==> flow/design.v <==
module subtractor_top #(
    parameter int DW = 10
) (
    input logic clk,
    input logic srst,
    input logic ce,
    input logic [DW-1:0] first,
    input logic [DW-1:0] second,
    input logic dir,
    output logic [DW:0] res
);
    logic [DW-1:0] first_reg;
    logic [DW-1:0] second_reg;
    logic dir_reg;
    assign res = dir_reg ? first_reg - second_reg : first_reg + second_reg;
    always_ff @(posedge clk) begin
        if (srst) begin
            first_reg <= '0;
            second_reg <= '0;
            dir_reg <= 1'b0;
        end else if (ce) begin
            first_reg <= first;
            second_reg <= second;
            dir_reg <= dir;
        end
    end
endmodule
Reports on subtractor_top
A sweep over "DW": the same steps for each member of the family. The file above is the member DW = 10. Line numbers count from 1 in each member's own file. Operators: Yosys type, input widths -> output width; for muxes data width and select width s. Cell names lack the library's common part. A cell with n/a has no value.

Top module: subtractor_top. Clock port: clk. Library: sky130hd. Library corner: tt_025C_1v80.

Source of the members
Lines of each other member's file that are new or changed against the file above; lines that a member lacks are not shown.

Lines new or changed: DW 28 (RTL line 2) `parameter int DW = 28`; DW 72 (RTL line 2) `parameter int DW = 72`; DW 80 (RTL line 2) `parameter int DW = 80`; DW 112 (RTL line 2) `parameter int DW = 112`.

Word-level counts
Counts by Yosys on the flattened word-level netlist (proc, flatten, opt, wreduce; memories kept). Register bits leave out memories and registers merged into their read ports (data or address); mux counts leave out enables and synchronous resets folded into registers. Print and check cells are left out. Cells with the same type and inputs are merged into one.

Word-level totals: DW 10 (register bits after elaboration 21, bits of input ports 24, output and inout port bits 11, elaborated cells 6); DW 28 (register bits after elaboration 57, bits of input ports 60, output and inout port bits 29, elaborated cells 6); DW 72 (register bits after elaboration 145, bits of input ports 148, output and inout port bits 73, elaborated cells 6); DW 80 (register bits after elaboration 161, bits of input ports 164, output and inout port bits 81, elaborated cells 6); DW 112 (register bits after elaboration 225, bits of input ports 228, output and inout port bits 113, elaborated cells 6).

Operators by class: DW 10 ($add $sub $neg 2, mux-type cells 1); DW 28 ($add $sub $neg 2, mux-type cells 1); DW 72 ($add $sub $neg 2, mux-type cells 1); DW 80 ($add $sub $neg 2, mux-type cells 1); DW 112 ($add $sub $neg 2, mux-type cells 1).

Operators with widths (kind and count): DW 10 ($add 10x10->11 (1); $sub 10x10->11 (1); $mux 11 (1)); DW 28 ($add 28x28->29 (1); $sub 28x28->29 (1); $mux 29 (1)); DW 72 ($add 72x72->73 (1); $sub 72x72->73 (1); $mux 73 (1)); DW 80 ($add 80x80->81 (1); $sub 80x80->81 (1); $mux 81 (1)); DW 112 ($add 112x112->113 (1); $sub 112x112->113 (1); $mux 113 (1)).

Logic depth
Yosys ltp: most cells in a row. Word level: on the elaborated netlist, between registers, memories and ports. Mapped: between sequential cells and ports; inverters and the memories' decode and read muxes count.

Logic depth: DW 10 (word-level depth 2, ABC_AREA 0, mapped depth 11, gate-level depth less buffers 11); DW 28 (word-level depth 2, ABC_AREA 0, mapped depth 15, gate-level depth less buffers 14); DW 72 (word-level depth 2, ABC_AREA 0, mapped depth 23, gate-level depth less buffers 21); DW 80 (word-level depth 2, ABC_AREA 0, mapped depth 24, gate-level depth less buffers 22); DW 112 (word-level depth 2, ABC_AREA 0, mapped depth 22, gate-level depth less buffers 22).

Netlist
Source: synth_stat.txt of the flow (Yosys; design flattened, memories mapped). It holds for the ABC_AREA given above (unset counts as 0); a run with the other value may have another netlist. The area totals of this step are shown rounded.

Mapped netlist: DW 10 (mapped cells 158, chip area (Yosys) 1400 um2, sequential area 420 um2, flip-flop cells 21, buffer cells 6); DW 28 (mapped cells 508, chip area (Yosys) 4100 um2, sequential area 1100 um2, flip-flop cells 57, buffer cells 29); DW 72 (mapped cells 1423, chip area (Yosys) 11000 um2, sequential area 2900 um2, flip-flop cells 145, buffer cells 86); DW 80 (mapped cells 1558, chip area (Yosys) 12000 um2, sequential area 3200 um2, flip-flop cells 161, buffer cells 84); DW 112 (mapped cells 2297, chip area (Yosys) 18000 um2, sequential area 4500 um2, flip-flop cells 225, buffer cells 116).

Cell types (type and count): DW 10 (dfxtp_1 (21); mux2i_1 (22); ha_1 (12); nor2_1 (32); xnor2_1 (12); a21oi_1 (8); xor2_1 (4); inv_1 (8); fa_1 (1); o21ai_2 (2); clkbuf_1 (4); nand3_1 (3); nor3_1 (3); o21ai_0 (3); o221ai_2 (1); a211oi_2 (1); a31oi_1 (2); and3_1 (2); (+17)); DW 28 (dfxtp_1 (57); mux2i_1 (59); nor2_1 (98); ha_1 (29); xnor2_1 (36); a21oi_1 (37); xor2_1 (13); clkbuf_1 (24); o21ai_0 (17); a21o_1 (11); nand2_1 (22); nor3_1 (13); o21a_1 (7); inv_1 (12); nand4_1 (7); nor4_1 (7); nand3_1 (6); o31a_1 (3); (+50)); DW 72 (dfxtp_1 (145); mux2i_1 (147); ha_1 (73); nor2_1 (243); xnor2_1 (97); a21oi_1 (130); xor2_1 (40); o21ai_0 (62); nand2_1 (72); clkbuf_1 (64); nand4_1 (38); nor3_1 (37); a21o_1 (21); o21bai_1 (19); inv_1 (34); a31oi_1 (19); o211ai_1 (12); nand2b_1 (13); (+157)); DW 80 (dfxtp_1 (161); mux2i_1 (162); xnor2_1 (123); ha_1 (81); nor2_1 (269); a21oi_1 (148); a21o_1 (39); o21ai_0 (57); nand2_1 (74); xor2_1 (31); clkbuf_1 (66); nor3_1 (42); nand4_1 (30); o21bai_1 (24); a31oi_1 (28); inv_1 (43); nand3_1 (29); nor4_1 (14); (+137)); DW 112 (dfxtp_1 (225); mux2i_1 (227); nor2_1 (394); ha_1 (113); xnor2_1 (160); a21oi_1 (198); a21o_1 (76); nand2_1 (138); o21ai_0 (94); xor2_1 (53); clkbuf_1 (90); nand4_1 (45); o21bai_1 (36); nor3_1 (51); a31oi_1 (37); inv_1 (56); nor4_1 (26); and4_1 (15); (+263)).

A list marked (+n) leaves out that many cells.

Path before layout
Source: OpenSTA report_checks on the synthesized netlist (no wires, ideal clock, input and output delay 20% of the period each), path of least setup slack; recovery checks are left aside. Register names are those of the netlist, which keeps one name where synthesis merged equal registers.

Path after synthesis: DW 10 (kind reg2out, start point register second_reg[0], end point output res[9], period 3380 ps, setup slack 538 ps, stages 12, path delay 2166 ps, period reached after synthesis 2842 ps); DW 28 (kind reg2out, start point register second_reg[9], end point output res[27], period 6000 ps, setup slack 957 ps, stages 16, path delay 3843 ps, period reached after synthesis 5043 ps); DW 72 (kind reg2out, start point register second_reg[9], end point output res[61], period 6670 ps, setup slack 1068 ps, stages 18, path delay 4268 ps, period reached after synthesis 5602 ps); DW 80 (kind reg2out, start point register second_reg[36], end point output res[76], period 7340 ps, setup slack 1176 ps, stages 20, path delay 4696 ps, period reached after synthesis 6164 ps); DW 112 (kind reg2out, start point register second_reg[7], end point output res[112], period 8040 ps, setup slack 1289 ps, stages 21, path delay 5143 ps, period reached after synthesis 6751 ps).

"path delay" is the arrival time less input delay plus setup time. A path that ends at an output port has no setup time. "stages": output pins that drive a net of the path, with the launching flip-flop's if there is one; two outputs of one cell count as two. "period reached after synthesis" is the clock period less the worst setup slack; recovery checks do not enter. This is arithmetic on one report: input and output delays are still those of the set period (20% each). The rows between start and end are the longest chain of elaborated cells between them; the timing report does not say that the signal goes this way. Where chains are equally long, one stands for them. A line is the first line of the expression or statement that the cell stems from. Yosys adds cells for indexed reads and writes and turns some case tables into memories.

On the way, after synthesis, DW = 10:
The entry for cells in the longest elaborated chain reads 2.

Ends and longest elaborated chain, after synthesis, DW = 10: start, declared (RTL line 13) `logic [DW-1:0] second_reg;`; start, assigned (RTL line 19) `second_reg <= '0;`; start, assigned (RTL line 23) `second_reg <= second;`; $add 10x10->11 (RTL line 15) `assign res = dir_reg ? first_reg - second_reg : first_reg + second_reg;`; $mux 11 (RTL line 15); end, declared (RTL line 10) `output logic [DW:0] res`.

On the way, after synthesis, DW = 112:
The entry for cells in the longest elaborated chain reads 2.

Ends and longest elaborated chain, after synthesis, DW = 112: start, declared (RTL line 13) `logic [DW-1:0] second_reg;`; start, assigned (RTL line 19) `second_reg <= '0;`; start, assigned (RTL line 23) `second_reg <= second;`; $add 112x112->113 (RTL line 15) `assign res = dir_reg ? first_reg - second_reg : first_reg + second_reg;`; $mux 113 (RTL line 15); end, declared (RTL line 10) `output logic [DW:0] res`.

Path in the finished layout
Path of least setup slack in the final report of the run of each member (OpenROAD, finished layout, wires in). Where an end is a register, its clock arrival counts in the times. The report prints the path's times to 10 ps; the period is as set.

Path post-layout: DW 10 (kind reg2out, start point register second_reg[2], end point output res[10], period 3380 ps, setup slack 150 ps, stages 12, arrival time 2550 ps, buffers on the path 1); DW 28 (kind reg2out, start point register second_reg[9], end point output res[23], period 6000 ps, setup slack 260 ps, stages 15, arrival time 4540 ps, buffers on the path 1); DW 72 (kind reg2out, start point register second_reg[10], end point output res[49], period 6670 ps, setup slack 140 ps, stages 18, arrival time 5200 ps, buffers on the path 3); DW 80 (kind reg2out, start point register second_reg[36], end point output res[72], period 7340 ps, setup slack 190 ps, stages 21, arrival time 5680 ps, buffers on the path 2); DW 112 (kind reg2out, start point register second_reg[7], end point output res[90], period 8040 ps, setup slack 130 ps, stages 20, arrival time 6300 ps, buffers on the path 2).

Layout results
One run of the flow (Yosys, OpenROAD) for each member, with settings and measured results. Input and output delays are each 20% of the period that was set; the output load is 0.01 pF.

CAP_MARGIN: 20. CORE_MARGIN: 2. The figure for CORE_UTILIZATION is 40. The entry for SLEW_MARGIN reads 20.

Settings that differ (period_ns): DW 10 (3.38); DW 28 (6.0); DW 72 (6.67); DW 80 (7.34); DW 112 (8.04).

Measured results: DW 10 (synthesized cell area 1400 um2, overall die area 3900 um2, standard-cell area after routing 1900 um2, utilization of the finished layout 56%, lowest setup slack 150 ps, total negative slack on setup checks 0 ps, worst hold slack in the final report 510 ps, total power of the final layout 800 µW, achieved clock period 3225 ps); DW 28 (synthesized cell area 4100 um2, overall die area 11000 um2, standard-cell area after routing 5400 um2, utilization of the finished layout 53%, lowest setup slack 260 ps, total negative slack on setup checks 0 ps, worst hold slack in the final report 510 ps, total power of the final layout 1500 µW, achieved clock period 5743 ps); DW 72 (synthesized cell area 11000 um2, overall die area 29000 um2, standard-cell area after routing 15000 um2, utilization of the finished layout 54%, lowest setup slack 140 ps, total negative slack on setup checks 0 ps, worst hold slack in the final report 490 ps, total power of the final layout 3200 µW, achieved clock period 6530 ps); DW 80 (synthesized cell area 12000 um2, overall die area 32000 um2, standard-cell area after routing 16000 um2, utilization of the finished layout 54%, lowest setup slack 190 ps, total negative slack on setup checks 0 ps, worst hold slack in the final report 500 ps, total power of the final layout 3200 µW, achieved clock period 7147 ps); DW 112 (synthesized cell area 18000 um2, overall die area 46000 um2, standard-cell area after routing 24000 um2, utilization of the finished layout 54%, lowest setup slack 130 ps, total negative slack on setup checks 0 ps, worst hold slack in the final report 500 ps, total power of the final layout 4100 µW, achieved clock period 7912 ps).

"achieved clock period" is the run's clock period less its worst setup slack. It is reckoned from that one timing run; input and output delays stay at 20% of the period that was set. "total power of the final layout" rests on the timing tool's default activity at the inputs, not on a simulated workload. Results are given in rounded form.
